==> flow/design.v <==
module cmp_unit_rtl #(
  parameter int DWIDTH = 18
) (
  input logic clock,
  input logic signed [DWIDTH-1:0] i_arg0,
  input logic signed [DWIDTH-1:0] i_arg1,
  output logic o_below,
  output logic o_is_eq,
  output logic o_gt
);
  logic signed [DWIDTH-1:0] arg0_reg;
  always_ff @(posedge clock)
    arg0_reg <= i_arg0;
  logic signed [DWIDTH-1:0] arg1_reg;
  always_ff @(posedge clock)
    arg1_reg <= i_arg1;
  logic below_reg;
  always_ff @(posedge clock)
    below_reg <= (arg0_reg < arg1_reg);
  assign o_below = below_reg;
  logic is_eq_reg;
  always_ff @(posedge clock)
    is_eq_reg <= (arg0_reg == arg1_reg);
  assign o_is_eq = is_eq_reg;
  logic gt_reg;
  always_ff @(posedge clock)
    gt_reg <= (arg0_reg > arg1_reg);
  assign o_gt = gt_reg;
endmodule
## Tool chain data of cmp_unit_rtl

Tool output for the design above, in the order of the flow.
Line numbers count from 1 in the design file above.
Operators carry their Yosys type and port widths (W data, S select, Z words).
Library cell names are shortened.
The mark -- stands for no value.

| design | value |
|---|---|
| top | cmp_unit_rtl |
| clock input | clock |
| cell library | sky130hd |
| library corner | tt_025C_1v80 |

## After elaboration

Yosys after proc, flatten, opt, wreduce and memory -nomap, before mapping. Enables and synchronous resets that opt folds into registers are not counted as muxes. Memory bits, and registers merged into a memory's read port (data or address), are not among the register bits. Print and check cells are not counted. Equal cells are merged and count once.

| storage and ports | value |
|---|---|
| register bits after elaboration | 39 |
| bits of input ports | 37 |
| output and inout bits | 3 |
| word-level cells | 8 |

| operators by class | value |
|---|---|
| magnitude comparators | 2 |
| eq/ne operators | 1 |

Operator list:

| cell | number |
|---|---|
| $gt A18 B18 Y1 | 1 |
| $lt A18 B18 Y1 | 1 |
| $eq A18 B18 Y1 | 1 |

## Depth

Yosys ltp: most cells in a row. Word level: on the elaborated netlist, between registers, memories and ports. Mapped: between sequential cells and ports; inverters and the memories' decode and read muxes count.

| depth | value |
|---|---|
| depth in word-level cells | 1 |
| ABC_AREA | 0 |
| depth in mapped cells | 7 |

## Mapped cells and area

The flow's flattened synthesis, as Yosys stat reports it; memories are mapped. The netlist is that of the ABC_AREA named above (0 if unset); the other value can give another one.
The area totals of this step are shown rounded.

| mapped netlist | value |
|---|---|
| mapped cells | 105 |
| mapped area | 1270 um^2 |
| mapped flip-flops | 39 |
| buffers | 0 |

Cell types:

| cell | number |
|---|---|
| dfxtp_1 | 39 |
| ha_1 | 18 |
| inv_1 | 19 |
| a21oi_1 | 8 |
| and4_1 | 3 |
| a21o_1 | 3 |
| and4_4 | 2 |
| nand2_1 | 4 |
| o21ai_0 | 3 |
| o211ai_2 | 1 |
| mux2i_1 | 1 |
| xor2_1 | 1 |
| a22oi_1 | 1 |
| and3_1 | 1 |
| nand2b_1 | 1 |

## Worst setup path after synthesis

Source: OpenSTA report_checks on the synthesized netlist (no wires, ideal clock, input and output delay 20% of the period each), path of least setup slack; recovery checks are left aside. Register names are those of the netlist, which keeps one name where synthesis merged equal registers.

| timing after synthesis | value |
|---|---|
| path kind | reg2reg |
| start | reg arg1_reg[9] |
| end | reg below_reg |
| clock period | 1940 ps |
| library setup time | 126 ps |
| arrival | 1422 ps |
| data required time | 1814 ps |
| slack | 392 ps |
| path delay | 1548 ps |
| stages on the path | 8 |
| synthesis period reached | 1548 ps |

"path delay" is the arrival time less input delay plus setup time.
"stages on the path": output pins that drive a net of the path, with the launching flip-flop's if there is one; two outputs of one cell count as two.
"synthesis period reached" = period - worst setup slack (recovery checks aside). The figure is calculated, with input and output delays left at 20% of the set period.
Between the ends stands the longest chain of elaborated cells between them, by number of cells; it is not shown to be the way that was timed. Of several equally long chains one is given.
Each line given opens the expression or statement behind the cell; cells for indexed reads and writes are added by Yosys, which also makes memories of some case tables.

| on the way, after synthesis | value |
|---|---|
| path through | dfxtp_1 -> inv_1 -> ha_1 -> and4_1 -> and4_1 -> a22oi_1 -> o211ai_2 -> xor2_1 |
| length of the longest elaborated chain | 1 |
| elaborated cells between the ends (all ways) | 1 |
| source lines of those cells | 1 |
| those cells by class | 1 x compare |

RTL lines, path after synthesis:

| item | line | RTL |
|---|---|---|
| start, declared | 14 | `logic signed [DWIDTH-1:0] arg1_reg;` |
| start, assigned | 16 | `arg1_reg <= i_arg1;` |
| $lt A18 B18 Y1 | 19 | `below_reg <= (arg0_reg < arg1_reg);` |
| end, assigned | 19 |  |
| end, declared | 17 | `logic below_reg;` |

## Worst path after layout

From the final timing report of record 1: the path of least setup slack in the routed layout; clock arrival at registers is part of the times.
The path's times are printed in steps of 10 ps; the period is the one set.

| timing after layout | value |
|---|---|
| path kind | reg2reg |
| start | reg arg1_reg[17] |
| end | reg below_reg |
| clock period | 1940 ps |
| library setup time | 100 ps |
| arrival | 1930 ps |
| data required time | 2160 ps |
| slack | 230 ps |
| stages on the path | 8 |

Between the ends stands the longest chain of elaborated cells between them, by number of cells; it is not shown to be the way that was timed. Of several equally long chains one is given.

| on the way, after layout | value |
|---|---|
| path through | dfxtp_1 -> inv_1 -> ha_1 -> and4_4 -> and4_1 -> a22oi_1 -> o211ai_2 -> xor2_1 |
| length of the longest elaborated chain | 1 |
| elaborated cells between the ends (all ways) | 1 |
| source lines of those cells | 1 |
| those cells by class | 1 x compare |

RTL lines, path after layout:

| item | line | RTL |
|---|---|---|
| start, declared | 14 | `logic signed [DWIDTH-1:0] arg1_reg;` |
| start, assigned | 16 | `arg1_reg <= i_arg1;` |
| $lt A18 B18 Y1 | 19 | `below_reg <= (arg0_reg < arg1_reg);` |
| end, assigned | 19 |  |
| end, declared | 17 | `logic below_reg;` |

Flow measurements of cmp_unit_rtl on sky130hd: 3 stored runs with different settings, listed in no order. Input and output delays are each 20% of the period that was set; the output load is 0.01 pF.
"achieved clock period" means the clock period less the worst setup slack. The figure is calculated, with input and output delays left at 20% of the set period.
"time used up by the worst setup path" means the part of the period allowed to the worst setup path (the constraints hold back 20% at inputs and 20% at outputs) less its slack; where the path has registers, the arrival times of their clocks count too.
"total design power" rests on the timing tool's default activity at the inputs, not on a simulated workload.
"time used up by the worst setup path" is given in steps of 10 ps.
Results are given in rounded form.

#### Record 1

| setting | value |
|---|---|
| period_ns | `1.94` |
| CAP_MARGIN | `20` |
| CORE_MARGIN | `2` |
| CORE_UTILIZATION | `40` |
| SLEW_MARGIN | `20` |

| result | value |
|---|---|
| mapped cell area after synthesis | 1270 um^2 |
| die outline area | 3640 um^2 |
| area of the standard cells in the finished layout | 1820 um^2 |
| post-layout utilization | 0.6 |
| worst setup slack after layout | 234 ps |
| post-route setup TNS | 0 ps |
| worst hold slack in the final report | 476 ps |
| total design power | 1.70 mW |
| achieved clock period | 1706 ps |
| time used up by the worst setup path | 1710 ps |
| class of the worst setup path | reg2reg |

#### Record 2

| setting | value |
|---|---|
| period_ns | `2.21` |
| CORE_UTILIZATION | `36` |
| PLACE_DENSITY | `0.48` |
| CORE_MARGIN | `5` |
| CTS_CLUSTER_SIZE | `98` |
| CTS_CLUSTER_DIAMETER | `283` |
| CAP_MARGIN | `5` |
| MIN_ROUTING_LAYER | `met2` |
| SLEW_MARGIN | `20` |

| result | value |
|---|---|
| mapped cell area after synthesis | 1270 um^2 |
| die outline area | 4820 um^2 |
| area of the standard cells in the finished layout | 1800 um^2 |
| post-layout utilization | 0.536 |
| worst setup slack after layout | 521 ps |
| post-route setup TNS | 0 ps |
| worst hold slack in the final report | 529 ps |
| total design power | 1.40 mW |
| achieved clock period | 1689 ps |
| time used up by the worst setup path | 1690 ps |
| class of the worst setup path | reg2reg |

#### Record 3

| setting | value |
|---|---|
| period_ns | `2.19` |
| CORE_UTILIZATION | `54` |
| SETUP_SLACK_MARGIN | `0.35` |
| PLACE_DENSITY_LB_ADDON | `0.25` |
| CORE_ASPECT_RATIO | `0.55` |
| CORE_MARGIN | `10` |
| CELL_PAD_IN_SITES_DETAIL_PLACEMENT | `1` |
| CTS_CLUSTER_DIAMETER | `64` |
| CAP_MARGIN | `25` |
| MIN_ROUTING_LAYER | `met2` |
| MAX_ROUTING_LAYER | `met5` |
| SLEW_MARGIN | `20` |

Unfinished; error DPL-0033 in placement.
